==> flow/design.v <==
module u_data_mux_mod #(
    parameter DWIDTH = 32,
    parameter COUNT = 24,
    parameter LOGN = $clog2(COUNT)
) (
    input logic sys_clk,
    input logic [COUNT*DWIDTH-1:0] in_src,
    input logic [LOGN-1:0] in_s,
    output logic [DWIDTH-1:0] out_data_out
);
    logic [COUNT*DWIDTH-1:0] src_q;
    always_ff @(posedge sys_clk)
        src_q <= in_src;
    logic [LOGN-1:0] s_q;
    always_ff @(posedge sys_clk)
        s_q <= in_s;
    assign out_data_out = src_q[s_q*DWIDTH +: DWIDTH];
endmodule
== From RTL to reports: u_data_mux_mod ==
Tool output for the design above, in the order of the flow.
Lines are those of the file above, counted from 1.
Operators carry their Yosys type and port widths (W data, S select, Z words).
Cell names lack the library's common part.
The mark - stands for no value.
Set-up
  top module: u_data_mux_mod
  clock: sys_clk
  cell library: sky130hd
  timing corner: tt_025C_1v80

== Word-level counts ==
Counts by Yosys on the flattened word-level netlist (proc, flatten, opt, wreduce; memories kept). Register bits leave out memories and registers merged into their read ports (data or address); mux counts leave out enables and synchronous resets folded into registers. Print and check cells are left out. Cells with the same type and inputs are merged into one.
Operators by class
  shift operators: 1
Operators with widths (number)
  $shiftx A768 B11 Y32: 1
Word-level totals
  register bits: 773
  bits of input ports: 774
  output and inout port bits: 32
  elaborated cells: 3

== Logic depth ==
Depth = most cells in a row (Yosys ltp): at word level without a register or memory, in the mapped netlist without a sequential cell, where the memories' decode and read muxes count.
Depth
  depth in word-level cells: 1
  ABC_AREA: 0
  gate-level depth with buffers: 8
  gate-level depth less buffers: 4

== Netlist ==
Source: synth_stat.txt of the flow (Yosys; design flattened, memories mapped). It holds for the ABC_AREA given above (unset counts as 0); a run with the other value may have another netlist.
Cells by type
  dfxtp_1: number 773, area in all 1.55E+04 µm²
  mux2i_1: number 256, area in all 2.56E+03 µm²
  mux4_2: number 64, area in all 1.44E+03 µm²
  a22oi_1: number 96, area in all 720.691 µm²
  nand3_1: number 74, area in all 370.355 µm²
  o211ai_1: number 32, area in all 240.23 µm²
  a221oi_1: number 22, area in all 192.685 µm²
  buf_4: number 23, area in all 172.666 µm²
  nand2b_1: number 23, area in all 143.888 µm²
  clkbuf_1: number 30, area in all 112.608 µm²
  a21oi_1: number 21, area in all 105.101 µm²
  buf_6: number 9, area in all 101.347 µm²
  nand2_1: number 21, area in all 78.826 µm²
  buf_2: number 14, area in all 70.067 µm²
  nor2_1: number 13, area in all 48.797 µm²
  buf_1: number 9, area in all 33.782 µm²
  nor2b_1: number 3, area in all 18.768 µm²
  buf_8: number 1, area in all 15.014 µm²
  and2_1: number 1, area in all 6.256 µm²
Synthesis totals
  cells in the netlist: 1485
  mapped area: 21909.8 µm²
  sequential area: 15474.8 µm²
  mapped flip-flops: 773
  buffers: 86

== Timing after synthesis ==
OpenSTA on the mapped netlist: ideal clock, no wires. The path of least setup slack (recovery checks aside). Input and output delay are each 20% of the period. Register names are those of the netlist, which keeps one name where synthesis merged equal registers.
Path post-synthesis
  path kind: register to output
  start: register s_q[1]
  end: output out_data_out[11]
  period: 2.41 ns
  output delay: 0.482 ns
  launch time at the first pin: 0.000 ns
  data arrival time: 1.543 ns
  required time: 1.928 ns
  setup slack: 0.385 ns
  delay of the path: 1.543 ns
  stages: 6
  buffers on the path: 2
  period reached after synthesis: 2.025 ns
"delay of the path" = arrival - input delay + setup time.
A path that ends at an output port has no setup time.
"stages" counts driving pins, that of a launching flip-flop among them; a cell with two outputs on the path counts twice.
"period reached after synthesis" is the clock period less the worst setup slack; recovery checks do not enter. This is arithmetic on one report: input and output delays are still those of the set period (20% each).
The rows between start and end are the longest chain of elaborated cells between them; the timing report does not say that the signal goes this way. Where chains are equally long, one stands for them.
Each line given opens the expression or statement behind the cell; cells for indexed reads and writes are added by Yosys, which also makes memories of some case tables.
On the way, post-synthesis
  path through: dfxtp_1 buf_2 buf_1 mux4_2 a22oi_1 o211ai_1
  length of the longest elaborated chain: 1
  elaborated cells between the ends (all ways): 1
  source lines of those cells: 1
  classes of those cells: shift: 1
RTL lines, path post-synthesis
  start, declared: line 14  | logic [LOGN-1:0] s_q;
  start, assigned: line 16  | s_q <= in_s;
  $shiftx A768 B11 Y32: line 17  | assign out_data_out = src_q[s_q*DWIDTH +: DWIDTH];
  end, declared: line 9  | output logic [DWIDTH-1:0] out_data_out

== Timing after layout ==
Path of least setup slack in the final report of record 1 (OpenROAD, finished layout, wires in). Where an end is a register, its clock arrival counts in the times.
Path after layout
  path kind: register to output
  start: register s_q[0]
  end: output out_data_out[30]
  period: 1.59 ns
  output delay: 0.32 ns
  launch time at the first pin: 0.67 ns
  data arrival time: 2.84 ns
  required time: 1.27 ns
  setup slack: -1.57 ns
  stages: 13
  buffers on the path: 8
The rows between start and end are the longest chain of elaborated cells between them; the timing report does not say that the signal goes this way. Where chains are equally long, one stands for them.
On the way, after layout
  path through: dfxtp_2 buf_12 buf_12 buf_4 buf_12 buf_12 buf_12 buf_4 mux2i_1 a22oi_1 nand3_2 nand3_2 buf_6
  length of the longest elaborated chain: 1
  elaborated cells between the ends (all ways): 1
  source lines of those cells: 1
  classes of those cells: shift: 1
RTL lines, path after layout
  start, declared: line 14  | logic [LOGN-1:0] s_q;
  start, assigned: line 16  | s_q <= in_s;
  $shiftx A768 B11 Y32: line 17  | assign out_data_out = src_q[s_q*DWIDTH +: DWIDTH];
  end, declared: line 9  | output logic [DWIDTH-1:0] out_data_out

Subject: flow runs of u_data_mux_mod

Hi,

Top module u_data_mux_mod; platform sky130hd; tools Yosys and OpenROAD; 3 stored runs in no particular order. Input and output delays are each 20% of the period that was set; the output load is 0.01 pF.
"achieved clock period (ns)": clock period set for the run, less the worst setup slack. It is reckoned from that one timing run; input and output delays stay at 20% of the period that was set.
"worst setup path time (ns)": the worst setup path's part of the clock period (all of it between registers, 20% less for each end at a port) less its slack. A launch clock that arrives late makes it longer, a capture clock that arrives late makes it shorter.
"finish__power__total" is the tool's figure for a default switching activity; nothing was simulated.

Flow files of record 1
==> flow/run.sh <==
#!/bin/bash
# the make line also repeats the synthesis and layout settings of config.mk as NAME=value (left out here)
make -C /OpenROAD-flow-scripts/flow DESIGN_CONFIG=/design/flow/config.mk WORK_HOME=/design/flow/orfs CLKGATE_MAP_FILE= finish
==> flow/config.mk <==
export PLATFORM = sky130hd
export DESIGN_NAME = u_data_mux_mod
export DESIGN_NICKNAME = u_data_mux_mod
export VERILOG_FILES = /design/flow/design.v
export SDC_FILE = /design/flow/constraint.sdc
export NUM_CORES = 4
export LEC_CHECK = 0
export CAP_MARGIN = 20
export CORE_MARGIN = 6
export CORE_UTILIZATION = 43
export CTS_CLUSTER_DIAMETER = 37
export GPL_ROUTABILITY_DRIVEN = 0
export GPL_TIMING_DRIVEN = 0
export MIN_ROUTING_LAYER = met2
export SLEW_MARGIN = 10
==> flow/constraint.sdc <==
create_clock -name core_clock -period 1.59 [get_ports {sys_clk}]
set_input_delay 0.3180 -clock core_clock [delete_from_list [all_inputs] [get_ports {sys_clk}]]
set_output_delay 0.3180 -clock core_clock [all_outputs]
set_load 0.01 [all_outputs]

report of record 1
yosys chip area after synthesis (um^2): 21909.8
finish__design__die__area: 56513.2
finish__design__instance__area__stdcell: 35824.4
finish__design__instance__utilization: 0.7141
finish__timing__setup__ws: -1.567
finish__timing__setup__tns: -46.103
finish__power__total: 4.926e-02
achieved clock period (ns): 3.157
worst setup path time (ns): 2.84
worst setup path kind: register to output

Flow files of record 2
==> flow/run.sh <==
#!/bin/bash
# the make line also repeats the synthesis and layout settings of config.mk as NAME=value (left out here)
make -C /OpenROAD-flow-scripts/flow DESIGN_CONFIG=/design/flow/config.mk WORK_HOME=/design/flow/orfs CLKGATE_MAP_FILE= finish
==> flow/config.mk <==
export PLATFORM = sky130hd
export DESIGN_NAME = u_data_mux_mod
export DESIGN_NICKNAME = u_data_mux_mod
export VERILOG_FILES = /design/flow/design.v
export SDC_FILE = /design/flow/constraint.sdc
export NUM_CORES = 4
export LEC_CHECK = 0
export CAP_MARGIN = 20
export CORE_MARGIN = 2
export CORE_UTILIZATION = 40
export SLEW_MARGIN = 20
==> flow/constraint.sdc <==
create_clock -name core_clock -period 2.41 [get_ports {sys_clk}]
set_input_delay 0.4820 -clock core_clock [delete_from_list [all_inputs] [get_ports {sys_clk}]]
set_output_delay 0.4820 -clock core_clock [all_outputs]
set_load 0.01 [all_outputs]

report of record 2
yosys chip area after synthesis (um^2): 21909.8
finish__design__die__area: 56663.0
finish__design__instance__area__stdcell: 35632.9
finish__design__instance__utilization: 0.6595
finish__timing__setup__ws: -0.682
finish__timing__setup__tns: -17.540
finish__power__total: 2.907e-02
achieved clock period (ns): 3.092
worst setup path time (ns): 2.61
worst setup path kind: register to output

Flow files of record 3
==> flow/run.sh <==
#!/bin/bash
# the make line also repeats the synthesis and layout settings of config.mk as NAME=value (left out here)
make -C /OpenROAD-flow-scripts/flow DESIGN_CONFIG=/design/flow/config.mk WORK_HOME=/design/flow/orfs CLKGATE_MAP_FILE= finish
==> flow/config.mk <==
export PLATFORM = sky130hd
export DESIGN_NAME = u_data_mux_mod
export DESIGN_NICKNAME = u_data_mux_mod
export VERILOG_FILES = /design/flow/design.v
export SDC_FILE = /design/flow/constraint.sdc
export NUM_CORES = 4
export LEC_CHECK = 0
export ABC_AREA = 1
export CAP_MARGIN = 5
export CORE_ASPECT_RATIO = 1.33
export CORE_MARGIN = 9
export CORE_UTILIZATION = 45
export CTS_CLUSTER_DIAMETER = 222
export CTS_CLUSTER_SIZE = 23
export HOLD_SLACK_MARGIN = 0.27
export MAX_ROUTING_LAYER = met4
export SETUP_SLACK_MARGIN = 0.24
export SLEW_MARGIN = 35
export TNS_END_PERCENT = 20
==> flow/constraint.sdc <==
create_clock -name core_clock -period 1.45 [get_ports {sys_clk}]
set_input_delay 0.2900 -clock core_clock [delete_from_list [all_inputs] [get_ports {sys_clk}]]
set_output_delay 0.2900 -clock core_clock [all_outputs]
set_load 0.01 [all_outputs]

report of record 3
yosys chip area after synthesis (um^2): 24497.2
finish__design__die__area: 63248.0
finish__design__instance__area__stdcell: 45311.0
finish__design__instance__utilization: 0.8418
finish__timing__setup__ws: -1.770
finish__timing__setup__tns: -46.231
finish__power__total: 4.452e-02
achieved clock period (ns): 3.220
worst setup path time (ns): 2.93
worst setup path kind: register to output

Regards
